==> flow/design.v <==
module mult #(
    parameter integer XLEN = 32,
    parameter integer K = 8
) (
    input logic clock,
    input logic rst_n,
    input logic [XLEN-1:0] a,
    input logic [K-1:0] b,
    output logic [XLEN+K-1:0] p
);
    always_ff @(posedge clock or negedge rst_n) begin
        if (~rst_n) begin
            p <= 0;
        end else begin
            p <= a * b;
        end
    end
endmodule
* Step by step through the tools: mult
Tool output for the design above, in the order of the flow. Lines are those of the file above, counted from 1. Operators: Yosys type, input widths -> output width; for muxes data width and select width s. Cell names lack the library's common part. The mark n/a stands for no value.
Set-up: design top mult, clock port clock, library sky130hd, corner tt_025C_1v80

* Elaborated design
Yosys after proc, flatten, opt, wreduce and memory -nomap, before mapping. Enables and synchronous resets that opt folds into registers are not counted as muxes. Memory bits, and registers merged into a memory's read port (data or address), are not among the register bits. Print and check cells are not counted. Equal cells are merged and count once.
Storage and ports: register bits 40, output and inout port bits 40, elaborated cells 2
Operators by class: multipliers 1
Operators by type and width (count):
- $mul 32x8->40 | 1

* Logic depth
Longest topological path by Yosys (ltp), each cell counted once; first at word level (registers and memories cut), then after technology mapping (sequential cells cut; the memories' decode and read muxes count).
Logic depth: depth in word-level cells 1, ABC_AREA 0, depth in mapped cells 19

* Mapped cells and area
The flow's flattened synthesis, as Yosys stat reports it; memories are mapped. The netlist is that of the ABC_AREA named above (0 if unset); the other value can give another one. The area totals of this step are shown rounded.
Cell types:
- fa_1 | count 180, area in all 3.6E+03 um^2
- and2_1 | count 206, area in all 1.29E+03 um^2
- dfrtp_1 | count 40, area in all 1000.96 um^2
- ha_1 | count 60, area in all 750.72 um^2
- inv_1 | count 165, area in all 619.344 um^2
- nand2_1 | count 78, area in all 292.781 um^2
- a21oi_1 | count 45, area in all 225.216 um^2
- xnor2_1 | count 19, area in all 166.41 um^2
- o21ai_0 | count 24, area in all 120.115 um^2
- clkbuf_1 | count 27, area in all 101.347 um^2
- a21o_1 | count 13, area in all 97.594 um^2
- xor2_1 | count 11, area in all 96.342 um^2
- nor2_1 | count 18, area in all 67.565 um^2
- o21bai_1 | count 7, area in all 52.55 um^2
- a311oi_2 | count 3, area in all 45.043 um^2
- nand4_1 | count 7, area in all 43.792 um^2
- nand3_1 | count 8, area in all 40.038 um^2
- o21a_1 | count 5, area in all 37.536 um^2
Other cell types: 40; their cells: 66.
Synthesis totals: area of sequential cells 1000 um^2, flip-flops 40, chip area (Yosys) 9200 um^2, standard cells after synthesis 982

* Worst setup path after synthesis
OpenSTA on the mapped netlist: ideal clock, no wires. The path of least setup slack (recovery checks aside). Input and output delay are each 20% of the period. Register names are those of the netlist, which keeps one name where synthesis merged equal registers.
Timing path after synthesis: path kind input port to flip-flop, start input port b[3], end register p[35], stages 17, input delay 1382 ps, data arrival time 5664 ps, setup time 142 ps, path delay 4424 ps, data required time 6768 ps, launch time at the first pin 1382 ps, path slack 1104 ps, period 6910 ps, synthesis period reached 5806 ps
"path delay" = arrival - input delay + setup time. "stages": output pins that drive a net of the path, with the launching flip-flop's if there is one; two outputs of one cell count as two. "synthesis period reached" = period - worst setup slack (recovery checks aside). The figure is calculated, with input and output delays left at 20% of the set period. Between the ends stands the longest chain of elaborated cells between them, by number of cells; it is not shown to be the way that was timed. Of several equally long chains one is given. Each line given opens the expression or statement behind the cell; cells for indexed reads and writes are added by Yosys, which also makes memories of some case tables.
On the way, after synthesis: cell sequence clkbuf_1 > and2_1 > fa_1 > fa_1 > fa_1 > inv_1 > fa_1 > inv_1 > ha_1 > buf_6 > a211oi_2 > nor2_1 > a211o_1 > or4_4 > o2111ai_2 > and2_4 > a311oi_2, cells in the longest elaborated chain 1, elaborated cells between the ends (all ways) 1, source lines of those cells 1, those cells by class 1 x mul
Ends and longest elaborated chain, after synthesis:
- start, declared | RTL line 8 | input logic [K-1:0] b,
- $mul 32x8->40 | RTL line 15 | p <= a * b;
- end, assigned | RTL line 13 | p <= 0;
- end, assigned | RTL line 15
- end, declared | RTL line 9 | output logic [XLEN+K-1:0] p

* Path in the finished layout
Path of least setup slack in the final report of run A (OpenROAD, finished layout, wires in). Where an end is a register, its clock arrival counts in the times. The report prints the path's times to 10 ps; the period is as set.
Timing path after layout: path kind input port to flip-flop, start input port b[2], end register p[37], launch time at the first pin 960 ps, path slack -500 ps, stages 16, input delay 960 ps, data arrival time 5480 ps, data required time 4980 ps, period 4810 ps, setup time 130 ps
Between the ends stands the longest chain of elaborated cells between them, by number of cells; it is not shown to be the way that was timed. Of several equally long chains one is given.
On the way, after layout: cell sequence buf_12 > clkbuf_16 > and2_4 > fa_1 > fa_1 > fa_2 > fa_1 > ha_1 > buf_6 > a21oi_4 > o21ai_2 > a211o_1 > or4_4 > o2111ai_4 > and2_4 > a311oi_2, cells in the longest elaborated chain 1, elaborated cells between the ends (all ways) 1, source lines of those cells 1, those cells by class 1 x mul
Ends and longest elaborated chain, after layout:
- start, declared | RTL line 8 | input logic [K-1:0] b,
- $mul 32x8->40 | RTL line 15 | p <= a * b;
- end, assigned | RTL line 13 | p <= 0;
- end, assigned | RTL line 15
- end, declared | RTL line 9 | output logic [XLEN+K-1:0] p

Subject: mult on sky130hd, stored results

Hello all,

Flow measurements of mult on sky130hd: 3 stored runs with different settings, listed in no order. Input and output delays are each 20% of the period that was set; the output load is 0.01 pF.
"achieved period" = clock period - worst setup slack. The figure is calculated, with input and output delays left at 20% of the set period.
"critical path time" means the part of the period allowed to the worst setup path (the constraints hold back 20% at inputs and 20% at outputs) less its slack; where the path has registers, the arrival times of their clocks count too.
"power consumption": no workload was simulated; the value follows from the tool's default switching activity.
"critical path time" is given in steps of 10 ps.
Values from the reports are rounded here.

[run A] flow files
==> flow/run.sh <==
#!/bin/bash
# the make line also repeats the synthesis and layout settings of config.mk as NAME=value (left out here)
make -C /OpenROAD-flow-scripts/flow DESIGN_CONFIG=/design/flow/config.mk WORK_HOME=/design/flow/orfs CLKGATE_MAP_FILE= finish
==> flow/config.mk <==
export PLATFORM = sky130hd
export DESIGN_NAME = mult
export DESIGN_NICKNAME = mult
export VERILOG_FILES = /design/flow/design.v
export SDC_FILE = /design/flow/constraint.sdc
export NUM_CORES = 4
export LEC_CHECK = 0
export CAP_MARGIN = 35
export CORE_MARGIN = 2
export CORE_UTILIZATION = 35
export CTS_CLUSTER_SIZE = 84
export GPL_ROUTABILITY_DRIVEN = 1
export GPL_TIMING_DRIVEN = 0
export MAX_ROUTING_LAYER = met4
export PLACE_DENSITY_LB_ADDON = 0.07
export SETUP_SLACK_MARGIN = 1.15
export SLEW_MARGIN = 20
==> flow/constraint.sdc <==
create_clock -name core_clock -period 4.81 [get_ports {clock}]
set_input_delay 0.9620 -clock core_clock [delete_from_list [all_inputs] [get_ports {clock}]]
set_output_delay 0.9620 -clock core_clock [all_outputs]
set_load 0.01 [all_outputs]

[run A] result: total negative setup slack -5900 ps; critical path time 4350 ps; type of the worst setup path input port to flip-flop; setup slack of the worst path -500 ps; final utilization 47 %; chip area after synthesis (Yosys) 9200 um^2; standard-cell area of the final layout 12000 um^2; achieved period 5309 ps; power consumption 7700 uW; overall die area 28000 um^2

[run B] flow files
==> flow/run.sh <==
#!/bin/bash
# the make line also repeats the synthesis and layout settings of config.mk as NAME=value (left out here)
make -C /OpenROAD-flow-scripts/flow DESIGN_CONFIG=/design/flow/config.mk WORK_HOME=/design/flow/orfs CLKGATE_MAP_FILE= finish
==> flow/config.mk <==
export PLATFORM = sky130hd
export DESIGN_NAME = mult
export DESIGN_NICKNAME = mult
export VERILOG_FILES = /design/flow/design.v
export SDC_FILE = /design/flow/constraint.sdc
export NUM_CORES = 4
export LEC_CHECK = 0
export CAP_MARGIN = 20
export CORE_MARGIN = 2
export CORE_UTILIZATION = 40
export SLEW_MARGIN = 20
==> flow/constraint.sdc <==
create_clock -name core_clock -period 6.91 [get_ports {clock}]
set_input_delay 1.3820 -clock core_clock [delete_from_list [all_inputs] [get_ports {clock}]]
set_output_delay 1.3820 -clock core_clock [all_outputs]
set_load 0.01 [all_outputs]

[run B] result: total negative setup slack 0 ps; critical path time 4880 ps; type of the worst setup path input port to flip-flop; setup slack of the worst path 650 ps; final utilization 47 %; chip area after synthesis (Yosys) 9200 um^2; standard-cell area of the final layout 11000 um^2; achieved period 6262 ps; power consumption 4200 uW; overall die area 24000 um^2

[run C] flow files
==> flow/run.sh <==
#!/bin/bash
# the make line also repeats the synthesis and layout settings of config.mk as NAME=value (left out here)
make -C /OpenROAD-flow-scripts/flow DESIGN_CONFIG=/design/flow/config.mk WORK_HOME=/design/flow/orfs CLKGATE_MAP_FILE= finish
==> flow/config.mk <==
export PLATFORM = sky130hd
export DESIGN_NAME = mult
export DESIGN_NICKNAME = mult
export VERILOG_FILES = /design/flow/design.v
export SDC_FILE = /design/flow/constraint.sdc
export NUM_CORES = 4
export LEC_CHECK = 0
export ABC_AREA = 0
export CAP_MARGIN = 20
export CORE_ASPECT_RATIO = 1.53
export CORE_MARGIN = 2
export CORE_UTILIZATION = 31
export CTS_CLUSTER_DIAMETER = 163
export CTS_CLUSTER_SIZE = 94
export GPL_ROUTABILITY_DRIVEN = 1
export MIN_ROUTING_LAYER = met1
export PLACE_DENSITY = 0.57
export SETUP_SLACK_MARGIN = 1.74
export SLEW_MARGIN = 20
==> flow/constraint.sdc <==
create_clock -name core_clock -period 6.5 [get_ports {clock}]
set_input_delay 1.3000 -clock core_clock [delete_from_list [all_inputs] [get_ports {clock}]]
set_output_delay 1.3000 -clock core_clock [all_outputs]
set_load 0.01 [all_outputs]

[run C] result: total negative setup slack 0 ps; critical path time 4420 ps; type of the worst setup path input port to flip-flop; setup slack of the worst path 780 ps; final utilization 42 %; chip area after synthesis (Yosys) 9200 um^2; standard-cell area of the final layout 12000 um^2; achieved period 5721 ps; power consumption 6000 uW; overall die area 31000 um^2

Thanks
